==> flow/design.v <==
module alu_arith_add_top #(
   parameter integer DWIDTH = 6
) (
   input  wire clk,
   input  wire rst_n,
   input  wire [DWIDTH-1:0] op_a,
   input  wire [DWIDTH-1:0] op_b,
   input  wire [DWIDTH-1:0] op_c,
   output reg [DWIDTH+1:0] o
);
   wire [DWIDTH-1:0] nxt = op_a ^ op_b ^ op_c;
   wire [DWIDTH-1:0] chain = (op_a & op_b) | (op_a & op_c) | (op_b & op_c);
   always @(posedge clk or negedge rst_n) begin
      if (!rst_n) begin
         o <= 0;
      end else begin
         o <= nxt + {chain, 1'b0};
      end
   end
endmodule
Subject: tool reports on alu_arith_add_top

Hi,

Tool chain data of alu_arith_add_top --
Module alu_arith_add_top in several versions that differ in "DWIDTH"; each step lists the members. The RTL above is that of DWIDTH = 6; lines are counted from 1 in the file of the member named. Library cell names are shortened. The mark -- stands for no value.
Inputs: top module alu_arith_add_top, clock port clk, library sky130hd, timing corner tt_025C_1v80

Source of the members --
New or changed lines of each further member against the RTL above, in its own file; lines it lacks are not shown.
New or changed lines:
- DWIDTH 14 | line 2 | parameter integer DWIDTH = 14
- DWIDTH 18 | line 2 | parameter integer DWIDTH = 18
- DWIDTH 32 | line 2 | parameter integer DWIDTH = 32
- DWIDTH 56 | line 2 | parameter integer DWIDTH = 56

After elaboration --
Source: Yosys, flattened and elaborated, memories not mapped. Widths are those after wreduce; folded enables and synchronous resets count as part of the registers. Registers that Yosys merges into a memory's read port (data or address) are not register bits. Print and check cells do not count. Equal cells are merged and count once.
Storage and ports:
- DWIDTH 6 | flip-flop bits (word level) 8, output and inout port bits 8, input bits 20
- DWIDTH 14 | flip-flop bits (word level) 16, output and inout port bits 16, input bits 44
- DWIDTH 18 | flip-flop bits (word level) 20, output and inout port bits 20, input bits 56
- DWIDTH 32 | flip-flop bits (word level) 34, output and inout port bits 34, input bits 98
- DWIDTH 56 | flip-flop bits (word level) 58, output and inout port bits 58, input bits 170
Cells by class:
- DWIDTH 6 | bitwise gates (word level) 7, add/sub/neg operators 1
- DWIDTH 14 | bitwise gates (word level) 7, add/sub/neg operators 1
- DWIDTH 18 | bitwise gates (word level) 7, add/sub/neg operators 1
- DWIDTH 32 | bitwise gates (word level) 7, add/sub/neg operators 1
- DWIDTH 56 | bitwise gates (word level) 7, add/sub/neg operators 1
Operators with widths (kind and count):
- DWIDTH 6 | 6-bit bitwise AND: 3; 6-bit OR: 2; 6-bit bitwise XOR: 2; 6-bit by 7-bit adder with 8-bit output: 1
- DWIDTH 14 | 14-bit bitwise AND: 3; 14-bit OR: 2; 14-bit bitwise XOR: 2; 14-bit by 15-bit adder with 16-bit output: 1
- DWIDTH 18 | 18-bit bitwise AND: 3; 18-bit OR: 2; 18-bit bitwise XOR: 2; 18-bit by 19-bit adder with 20-bit output: 1
- DWIDTH 32 | 32-bit bitwise AND: 3; 32-bit OR: 2; 32-bit bitwise XOR: 2; 32-bit by 33-bit adder with 34-bit output: 1
- DWIDTH 56 | 56-bit bitwise AND: 3; 56-bit OR: 2; 56-bit bitwise XOR: 2; 56-bit by 57-bit adder with 58-bit output: 1

Longest topological paths --
Longest topological path by Yosys (ltp), each cell counted once; first at word level (registers and memories cut), then after technology mapping (sequential cells cut; the memories' decode and read muxes count).
Logic depth:
- DWIDTH 6 | depth in word-level cells 4, ABC_AREA 0, mapped depth 10
- DWIDTH 14 | depth in word-level cells 4, ABC_AREA 0, mapped depth 11
- DWIDTH 18 | depth in word-level cells 4, ABC_AREA 0, mapped depth 12
- DWIDTH 32 | depth in word-level cells 4, ABC_AREA 0, mapped depth 12
- DWIDTH 56 | depth in word-level cells 4, ABC_AREA 0, mapped depth 13

Synthesis result --
The flow's flattened synthesis, as Yosys stat reports it; memories are mapped. The netlist is that of the ABC_AREA named above (0 if unset); the other value can give another one.
Cell types (type and count):
- DWIDTH 6 | dfrtp_1: 8; fa_1: 7; ha_1: 5; inv_1: 14; xnor2_1: 3; a21oi_1: 3; a211oi_2: 1; o21ai_0: 2; a21o_2: 1; xor2_1: 1; o21a_1: 1; o21bai_1: 1; nor2b_1: 1; nor2_1: 1
- DWIDTH 14 | dfrtp_1: 16; fa_1: 15; ha_1: 13; xnor2_1: 8; inv_1: 16; a21o_1: 6; a21oi_1: 9; a31oi_4: 1; and3_1: 3; nand4_1: 3; nor2_1: 5; o41ai_2: 1; nor3_1: 3; o211ai_1: 2; a31oi_1: 2; a21boi_2: 1; a221o_2: 1; nand2_1: 3; (+15)
- DWIDTH 18 | dfrtp_1: 20; fa_1: 19; ha_1: 17; xnor2_1: 10; a21oi_1: 11; inv_1: 14; nand2_1: 14; nor2_1: 12; nand3_1: 8; a21o_1: 4; xor2_1: 3; a31oi_1: 4; o211ai_1: 3; nor3_1: 4; o21ai_0: 4; clkbuf_1: 5; nor2b_1: 3; o311ai_2: 1; (+28)
- DWIDTH 32 | dfrtp_1: 34; fa_1: 33; ha_1: 31; xnor2_1: 19; a21oi_1: 33; inv_1: 29; nand2_1: 23; a21o_1: 11; nor2_1: 20; o21ai_0: 15; xor2_1: 7; nand3_1: 8; o21bai_1: 5; nand4_1: 5; a221oi_2: 2; and2_1: 4; o31ai_2: 2; a211oi_1: 3; (+54)
- DWIDTH 56 | dfrtp_1: 58; fa_1: 57; ha_1: 55; a21oi_1: 63; nand2_1: 59; xnor2_1: 25; a21o_1: 29; xor2_1: 24; nor2_1: 44; o21ai_0: 33; nand4_1: 20; inv_1: 32; clkbuf_1: 20; a31oi_1: 11; o21a_1: 9; nor3_1: 13; o21bai_1: 7; nand3_1: 10; (+74)
A list marked (+n) leaves out that many cells.
Synthesis totals:
- DWIDTH 6 | standard cells after synthesis 49, cell area after synthesis 561.8 µm², mapped flip-flops 8, sequential part of the area 200.2 µm²
- DWIDTH 14 | standard cells after synthesis 123, cell area after synthesis 1368.8 µm², mapped flip-flops 16, sequential part of the area 400.4 µm²
- DWIDTH 18 | standard cells after synthesis 184, cell area after synthesis 1865.5 µm², mapped flip-flops 20, sequential part of the area 500.5 µm²
- DWIDTH 32 | standard cells after synthesis 338, cell area after synthesis 3348.2 µm², mapped flip-flops 34, sequential part of the area 850.8 µm²
- DWIDTH 56 | standard cells after synthesis 643, cell area after synthesis 6013.3 µm², mapped flip-flops 58, sequential part of the area 1451.4 µm²

Worst setup path after synthesis --
Path of least setup slack by OpenSTA after synthesis, without wires, with an ideal clock, recovery checks aside; 20% of the period is set as input and as output delay. Where synthesis merged equal registers, the netlist keeps one of their names.
Timing path post-synthesis:
- DWIDTH 6 | kind input to register, start point input port op_a[1], end point register o[5], clock period 2600 ps, path delay 1663 ps, path slack 417 ps, stages 8, synthesis period reached 2183 ps
- DWIDTH 14 | kind input to register, start point input port op_a[1], end point register o[9], clock period 2990 ps, path delay 1913 ps, path slack 479 ps, stages 9, synthesis period reached 2511 ps
- DWIDTH 18 | kind input to register, start point input port op_a[1], end point register o[17], clock period 3560 ps, path delay 2280 ps, path slack 568 ps, stages 10, synthesis period reached 2992 ps
- DWIDTH 32 | kind input to register, start point input port op_a[1], end point register o[31], clock period 3950 ps, path delay 2529 ps, path slack 630 ps, stages 10, synthesis period reached 3320 ps
- DWIDTH 56 | kind input to register, start point input port op_a[1], end point register o[53], clock period 4510 ps, path delay 2887 ps, path slack 721 ps, stages 11, synthesis period reached 3789 ps
"path delay" = arrival - input delay + setup time. "stages": output pins that drive a net of the path, with the launching flip-flop's if there is one; two outputs of one cell count as two. "synthesis period reached" is the clock period less the worst setup slack; recovery checks do not enter. This is arithmetic on one report: input and output delays are still those of the set period (20% each). The rows between start and end are the longest chain of elaborated cells between them; the timing report does not say that the signal goes this way. Where chains are equally long, one stands for them. A line is the first line of the expression or statement that the cell stems from. Yosys adds cells for indexed reads and writes and turns some case tables into memories.
Between the ends, post-synthesis, DWIDTH = 6: cells in the longest elaborated chain 4
RTL lines, path post-synthesis, DWIDTH = 6:
- start: declaration | line 6 | input  wire [DWIDTH-1:0] op_a,
- 6-bit bitwise AND | line 12 | wire [DWIDTH-1:0] chain = (op_a & op_b) | (op_a & op_c) | (op_b & op_c);
- 6-bit OR x2 | line 12
- 6-bit by 7-bit adder with 8-bit output | line 17 | o <= nxt + {chain, 1'b0};
- end: assignment | line 15 | o <= 0;
- end: assignment | line 17
- end: declaration | line 9 | output reg [DWIDTH+1:0] o
Between the ends, post-synthesis, DWIDTH = 56: cells in the longest elaborated chain 4
RTL lines, path post-synthesis, DWIDTH = 56:
- start: declaration | line 6 | input  wire [DWIDTH-1:0] op_a,
- 56-bit bitwise AND | line 12 | wire [DWIDTH-1:0] chain = (op_a & op_b) | (op_a & op_c) | (op_b & op_c);
- 56-bit OR x2 | line 12
- 56-bit by 57-bit adder with 58-bit output | line 17 | o <= nxt + {chain, 1'b0};
- end: assignment | line 15 | o <= 0;
- end: assignment | line 17
- end: declaration | line 9 | output reg [DWIDTH+1:0] o

Worst path after layout --
Path of least setup slack in the final report of each member's run (OpenROAD, finished layout, wires in). Where an end is a register, its clock arrival counts in the times. The report prints the path's times to 10 ps; the period is as set.
Timing path post-layout:
- DWIDTH 6 | kind input to register, start point input port op_a[1], end point register o[7], arrival 2610 ps, clock period 2600 ps, path slack 160 ps, stages 9
- DWIDTH 14 | kind input to register, start point input port op_a[1], end point register o[9], arrival 2970 ps, clock period 2990 ps, path slack 240 ps, stages 10
- DWIDTH 18 | kind input to register, start point input port op_a[1], end point register o[19], arrival 3500 ps, clock period 3560 ps, path slack 260 ps, stages 11
- DWIDTH 32 | kind input to register, start point input port op_a[1], end point register o[11], arrival 3820 ps, clock period 3950 ps, path slack 350 ps, stages 11
- DWIDTH 56 | kind input to register, start point input port op_a[1], end point register o[53], arrival 4390 ps, clock period 4510 ps, path slack 310 ps, stages 13

Flow runs --
One run of the flow (Yosys, OpenROAD) for each member, with settings and measured results. Input and output delays are each 20% of the period that was set; the output load is 0.01 pF.
Settings: CAP_MARGIN 20, CORE_MARGIN 2, CORE_UTILIZATION 40, SLEW_MARGIN 20
Settings that differ (period_ns):
- DWIDTH 6 | 2.6
- DWIDTH 14 | 2.99
- DWIDTH 18 | 3.56
- DWIDTH 32 | 3.95
- DWIDTH 56 | 4.51
Measured results:
- DWIDTH 6 | mapped cell area after synthesis 561.8 µm², setup TNS 0 ps, setup slack of the worst path 156 ps, period achieved 2444 ps, total power after layout 523.9 uW, post-route utilization 68.3%, die outline area 1720.2 µm², standard-cell area after layout 888.4 µm²
- DWIDTH 14 | mapped cell area after synthesis 1368.8 µm², setup TNS 0 ps, setup slack of the worst path 238 ps, period achieved 2752 ps, total power after layout 1145 uW, post-route utilization 64.3%, die outline area 3906.2 µm², standard-cell area after layout 2128.3 µm²
- DWIDTH 18 | mapped cell area after synthesis 1865.5 µm², setup TNS 0 ps, setup slack of the worst path 256 ps, period achieved 3304 ps, total power after layout 1297 uW, post-route utilization 62.5%, die outline area 5225.8 µm², standard-cell area after layout 2760.2 µm²
- DWIDTH 32 | mapped cell area after synthesis 3348.2 µm², setup TNS 0 ps, setup slack of the worst path 353 ps, period achieved 3597 ps, total power after layout 2182 uW, post-route utilization 60.2%, die outline area 9118.3 µm², standard-cell area after layout 4924.7 µm²
- DWIDTH 56 | mapped cell area after synthesis 6013.3 µm², setup TNS 0 ps, setup slack of the worst path 314 ps, period achieved 4196 ps, total power after layout 3739 uW, post-route utilization 60.5%, die outline area 16030.1 µm², standard-cell area after layout 8823.5 µm²
"period achieved" is the run's clock period less its worst setup slack. It is reckoned from that one timing run; input and output delays stay at 20% of the period that was set. "total power after layout": no workload was simulated; the value follows from the tool's default switching activity.

Regards
